==> flow/design.v <==
module core_mplex_mod (CLK, rst_i, valid, ch0_in, ch1_in, ch2_in, ch3_in, ch4_in, ch5_in, ch6_in, ch7_in, ch8_in, ch9_in, ch10_in, ch11_in, select_in, out_out);
  parameter integer XLEN = 64;
  input CLK;
  input rst_i;
  input valid;
  input [XLEN-1:0] ch0_in;
  input [XLEN-1:0] ch1_in;
  input [XLEN-1:0] ch2_in;
  input [XLEN-1:0] ch3_in;
  input [XLEN-1:0] ch4_in;
  input [XLEN-1:0] ch5_in;
  input [XLEN-1:0] ch6_in;
  input [XLEN-1:0] ch7_in;
  input [XLEN-1:0] ch8_in;
  input [XLEN-1:0] ch9_in;
  input [XLEN-1:0] ch10_in;
  input [XLEN-1:0] ch11_in;
  input [3:0] select_in;
  output [XLEN-1:0] out_out;
  reg [XLEN-1:0] ch0_q;
  reg [XLEN-1:0] ch1_q;
  reg [XLEN-1:0] ch2_q;
  reg [XLEN-1:0] ch3_q;
  reg [XLEN-1:0] ch4_q;
  reg [XLEN-1:0] ch5_q;
  reg [XLEN-1:0] ch6_q;
  reg [XLEN-1:0] ch7_q;
  reg [XLEN-1:0] ch8_q;
  reg [XLEN-1:0] ch9_q;
  reg [XLEN-1:0] ch10_q;
  reg [XLEN-1:0] ch11_q;
  reg [3:0] select_q;
  reg [XLEN-1:0] t;
  always @* begin
    case (select_q)
      0: t = ch0_q;
      1: t = ch1_q;
      2: t = ch2_q;
      3: t = ch3_q;
      4: t = ch4_q;
      5: t = ch5_q;
      6: t = ch6_q;
      7: t = ch7_q;
      8: t = ch8_q;
      9: t = ch9_q;
      10: t = ch10_q;
      default: t = ch11_q;
    endcase
  end
  assign out_out = t;
  always @(posedge CLK) begin
    if (rst_i) begin
      ch0_q <= 0;
      ch1_q <= 0;
      ch2_q <= 0;
      ch3_q <= 0;
      ch4_q <= 0;
      ch5_q <= 0;
      ch6_q <= 0;
      ch7_q <= 0;
      ch8_q <= 0;
      ch9_q <= 0;
      ch10_q <= 0;
      ch11_q <= 0;
      select_q <= 0;
    end else if (valid) begin
      ch0_q <= ch0_in;
      ch1_q <= ch1_in;
      ch2_q <= ch2_in;
      ch3_q <= ch3_in;
      ch4_q <= ch4_in;
      ch5_q <= ch5_in;
      ch6_q <= ch6_in;
      ch7_q <= ch7_in;
      ch8_q <= ch8_in;
      ch9_q <= ch9_in;
      ch10_q <= ch10_in;
      ch11_q <= ch11_in;
      select_q <= select_in;
    end
  end
endmodule
# --- From RTL to reports: core_mplex_mod ---
# The steps from the RTL of core_mplex_mod to its reports follow in flow order.
# Lines are those of the file above, counted from 1.
# Operators carry their Yosys type and port widths (W data, S select, Z words).
# Library cell names are shortened.
setup:
  top_module: "core_mplex_mod"
  clk_port: "CLK"
  cell_library: "sky130hd"
  pvt_corner: "tt_025C_1v80"

# --- After elaboration ---
# Counts by Yosys on the flattened word-level netlist (proc, flatten, opt, wreduce; memories kept). Register bits leave out memories and registers merged into their read ports (data or address); mux counts leave out enables and synchronous resets folded into registers. Print and check cells are left out. Cells with the same type and inputs are merged into one.
classes:
  eq_ne: 10
  n_mux: 1
  n_reduce_logical: 1
op_table:
  columns: ["operator", "n"]
  rows:
  - ["$pmux W64 S11", 1]
  - ["$eq A4 B3 Y1 const B", 4]
  - ["$eq A4 B4 Y1 const B", 3]
  - ["$eq A4 B2 Y1 const B", 2]
  - ["$eq A4 B1 Y1 const B", 1]
  - ["$logic_not A4 Y1", 1]
bits:
  regBits: 772
  input_bits: 775
  out_inout_bits: 64
  word_cells: 25

# --- Logic depth ---
# Depth = most cells in a row (Yosys ltp): at word level without a register or memory, in the mapped netlist without a sequential cell, where the memories' decode and read muxes count.
depth:
  depth_word: 2
  abc_area: 0
  depth_mapped: 9
  mapped_depth_nobuf: 5

# --- Mapped cells and area ---
# Source: synth_stat.txt of the flow (Yosys; design flattened, memories mapped). It holds for the ABC_AREA given above (unset counts as 0); a run with the other value may have another netlist.
# The area totals of this step are shown rounded.
types:
  columns: ["cell_type", "n", "area_total_um2"]
  rows:
  - ["dfxtp_1", 772, 1.55E+04]
  - ["mux2i_1", 873, 8.74E+03]
  - ["nor2_1", 855, 3.21E+03]
  - ["a22oi_1", 114, 855.821]
  - ["buf_2", 124, 620.595]
  - ["clkbuf_1", 118, 442.925]
  - ["o21ai_0", 79, 395.379]
  - ["a21oi_1", 78, 390.374]
  - ["o22ai_1", 55, 344.08]
  - ["nand2_1", 89, 334.07]
  - ["a22o_1", 29, 253.994]
  - ["buf_6", 21, 236.477]
  - ["mux2_2", 19, 213.955]
  - ["a31oi_1", 26, 162.656]
  - ["buf_4", 21, 157.651]
  - ["a221oi_1", 17, 148.893]
  - ["o221ai_1", 14, 122.618]
  - ["o32a_1", 10, 100.096]
# Other cell types: 51; their cells: 148.
synth_totals:
  mapped_cells: 3462
  mapped_area_um2: 33400
  sequential_area_um2: 15500
  ff_cells: 772
  buffers: 286

# --- Worst setup path after synthesis ---
# OpenSTA on the mapped netlist: ideal clock, no wires. The path of least setup slack (recovery checks aside). Input and output delay are each 20% of the period. Register names are those of the netlist, which keeps one name where synthesis merged equal registers.
synth_path:
  path_kind: "reg2out"
  from: "register select_q[2]"
  to: "output port out_out[7]"
  period_ns: 2.49
  output_delay_ns: 0.498
  launch_ns: 0.000
  arrival_ns: 1.592
  path_slack_ns: 0.400
  delay_ns: 1.592
  driving_pins: 8
  path_buffers: 3
  period_less_setup_slack_ns: 2.09
# "delay_ns" = arrival - input delay + setup time.
# At an output port there is no setup time.
# "driving_pins" counts driving pins, that of a launching flip-flop among them; a cell with two outputs on the path counts twice.
# "period_less_setup_slack_ns" is the clock period less the worst setup slack; recovery checks do not enter. This is arithmetic on one report: input and output delays are still those of the set period (20% each).
# The rows between start and end are the longest chain of elaborated cells between them; the timing report does not say that the signal goes this way. Where chains are equally long, one stands for them.
# A line is the first line of the expression or statement that the cell stems from. Yosys adds cells for indexed reads and writes and turns some case tables into memories.
synth_between:
  path_cell_list: "dfxtp_1 -> buf_4 -> buf_6 -> buf_6 -> mux2_2 -> a22oi_2 -> o221ai_1 -> o22a_1"
  elab_chain_len: 2
synth_rtl:
  columns: ["element", "line_no", "rtl"]
  rows:
  - ["from (decl)", 32, "reg [3:0] select_q;"]
  - ["from (assign)", 65, "select_q <= 0;"]
  - ["from (assign)", 79, "select_q <= select_in;"]
  - ["$eq A4 B4 Y1", 35, "case (select_q)"]
  - ["$pmux W64 S11", 35, null]
  - ["to (decl)", 19, "output [XLEN-1:0] out_out;"]

# --- Timing after layout ---
# Path of least setup slack in the final report of record 2 (OpenROAD, finished layout, wires in). Where an end is a register, its clock arrival counts in the times.
layout_path:
  path_kind: "reg2out"
  from: "register select_q[2]"
  to: "output port out_out[54]"
  period_ns: 2.49
  output_delay_ns: 0.50
  launch_ns: 0.64
  arrival_ns: 2.56
  path_slack_ns: -0.57
  driving_pins: 12
  path_buffers: 7
# The rows between start and end are the longest chain of elaborated cells between them; the timing report does not say that the signal goes this way. Where chains are equally long, one stands for them.
layout_between:
  path_cell_list: "dfxtp_4 -> buf_12 -> buf_6 -> nor3b_4 -> buf_6 -> buf_6 -> buf_6 -> buf_6 -> a22oi_2 -> o21ai_1 -> o22a_1 -> buf_6"
  elab_chain_len: 2
layout_rtl:
  columns: ["element", "line_no", "rtl"]
  rows:
  - ["from (decl)", 32, "reg [3:0] select_q;"]
  - ["from (assign)", 65, "select_q <= 0;"]
  - ["from (assign)", 79, "select_q <= select_in;"]
  - ["$eq A4 B4 Y1", 35, "case (select_q)"]
  - ["$pmux W64 S11", 35, null]
  - ["to (decl)", 19, "output [XLEN-1:0] out_out;"]

==> runs of core_mplex_mod <==
Design core_mplex_mod on sky130hd. What follows are 3 stored runs of the flow, each under its own settings; their order means nothing. The constraints put input and output delay at 20% of the set period each and load the outputs with 0.01 pF.
"achieved_clock_period_ns" means the clock period less the worst setup slack. The figure is calculated, with input and output delays left at 20% of the set period.
By "total_power_mw" is meant OpenSTA's value without simulated activity: inputs other than the clock are taken to toggle once in ten clock periods, and the tool carries that through the logic.
Results are given in rounded form.

--- record 1 ---
==> flow/run.sh <==
#!/bin/bash
# the make line also repeats the synthesis and layout settings of config.mk as NAME=value (left out here)
make -C /OpenROAD-flow-scripts/flow DESIGN_CONFIG=/design/flow/config.mk WORK_HOME=/design/flow/orfs CLKGATE_MAP_FILE= finish
==> flow/config.mk <==
export PLATFORM = sky130hd
export DESIGN_NAME = core_mplex_mod
export DESIGN_NICKNAME = core_mplex_mod
export VERILOG_FILES = /design/flow/design.v
export SDC_FILE = /design/flow/constraint.sdc
export NUM_CORES = 4
export LEC_CHECK = 0
export CAP_MARGIN = 20
export CELL_PAD_IN_SITES_DETAIL_PLACEMENT = 0
export CELL_PAD_IN_SITES_GLOBAL_PLACEMENT = 3
export CORE_MARGIN = 4
export CORE_UTILIZATION = 60
export CTS_CLUSTER_DIAMETER = 92
export CTS_CLUSTER_SIZE = 74
export GPL_ROUTABILITY_DRIVEN = 0
export MIN_ROUTING_LAYER = met2
export PLACE_DENSITY_LB_ADDON = 0.17
export SETUP_SLACK_MARGIN = 0.4
export SLEW_MARGIN = 20
export TNS_END_PERCENT = 15
==> flow/constraint.sdc <==
create_clock -name core_clock -period 3.12 [get_ports {CLK}]
set_input_delay 0.6240 -clock core_clock [delete_from_list [all_inputs] [get_ports {CLK}]]
set_output_delay 0.6240 -clock core_clock [all_outputs]
set_load 0.01 [all_outputs]

==> results, as YAML <==
outcome: "incomplete, placement halted on FLW-0024"

--- record 2 ---
==> flow/run.sh <==
#!/bin/bash
# the make line also repeats the synthesis and layout settings of config.mk as NAME=value (left out here)
make -C /OpenROAD-flow-scripts/flow DESIGN_CONFIG=/design/flow/config.mk WORK_HOME=/design/flow/orfs CLKGATE_MAP_FILE= finish
==> flow/config.mk <==
export PLATFORM = sky130hd
export DESIGN_NAME = core_mplex_mod
export DESIGN_NICKNAME = core_mplex_mod
export VERILOG_FILES = /design/flow/design.v
export SDC_FILE = /design/flow/constraint.sdc
export NUM_CORES = 4
export LEC_CHECK = 0
export CAP_MARGIN = 20
export CORE_MARGIN = 2
export CORE_UTILIZATION = 40
export SLEW_MARGIN = 20
==> flow/constraint.sdc <==
create_clock -name core_clock -period 2.49 [get_ports {CLK}]
set_input_delay 0.4980 -clock core_clock [delete_from_list [all_inputs] [get_ports {CLK}]]
set_output_delay 0.4980 -clock core_clock [all_outputs]
set_load 0.01 [all_outputs]

==> results, as YAML <==
results:
  worstSetupSlack_ns: -0.566
  total_power_mw: 33.9
  hold_ws_ns: 0.197
  yosys_chip_area_um2: 33400
  achieved_clock_period_ns: 3.056
  die_area_um2: 85700
  final_cell_area_um2: 52200

--- record 3 ---
==> flow/run.sh <==
#!/bin/bash
# the make line also repeats the synthesis and layout settings of config.mk as NAME=value (left out here)
make -C /OpenROAD-flow-scripts/flow DESIGN_CONFIG=/design/flow/config.mk WORK_HOME=/design/flow/orfs CLKGATE_MAP_FILE= finish
==> flow/config.mk <==
export PLATFORM = sky130hd
export DESIGN_NAME = core_mplex_mod
export DESIGN_NICKNAME = core_mplex_mod
export VERILOG_FILES = /design/flow/design.v
export SDC_FILE = /design/flow/constraint.sdc
export NUM_CORES = 4
export LEC_CHECK = 0
export CAP_MARGIN = 20
export CORE_MARGIN = 2
export CORE_UTILIZATION = 54
export CTS_CLUSTER_SIZE = 29
export GPL_TIMING_DRIVEN = 0
export MIN_ROUTING_LAYER = met2
export PLACE_DENSITY_LB_ADDON = 0.06
export SLEW_MARGIN = 20
export TNS_END_PERCENT = 25
==> flow/constraint.sdc <==
create_clock -name core_clock -period 2.38 [get_ports {CLK}]
set_input_delay 0.4760 -clock core_clock [delete_from_list [all_inputs] [get_ports {CLK}]]
set_output_delay 0.4760 -clock core_clock [all_outputs]
set_load 0.01 [all_outputs]

==> results, as YAML <==
outcome: "incomplete, routing halted on GRT-0116"
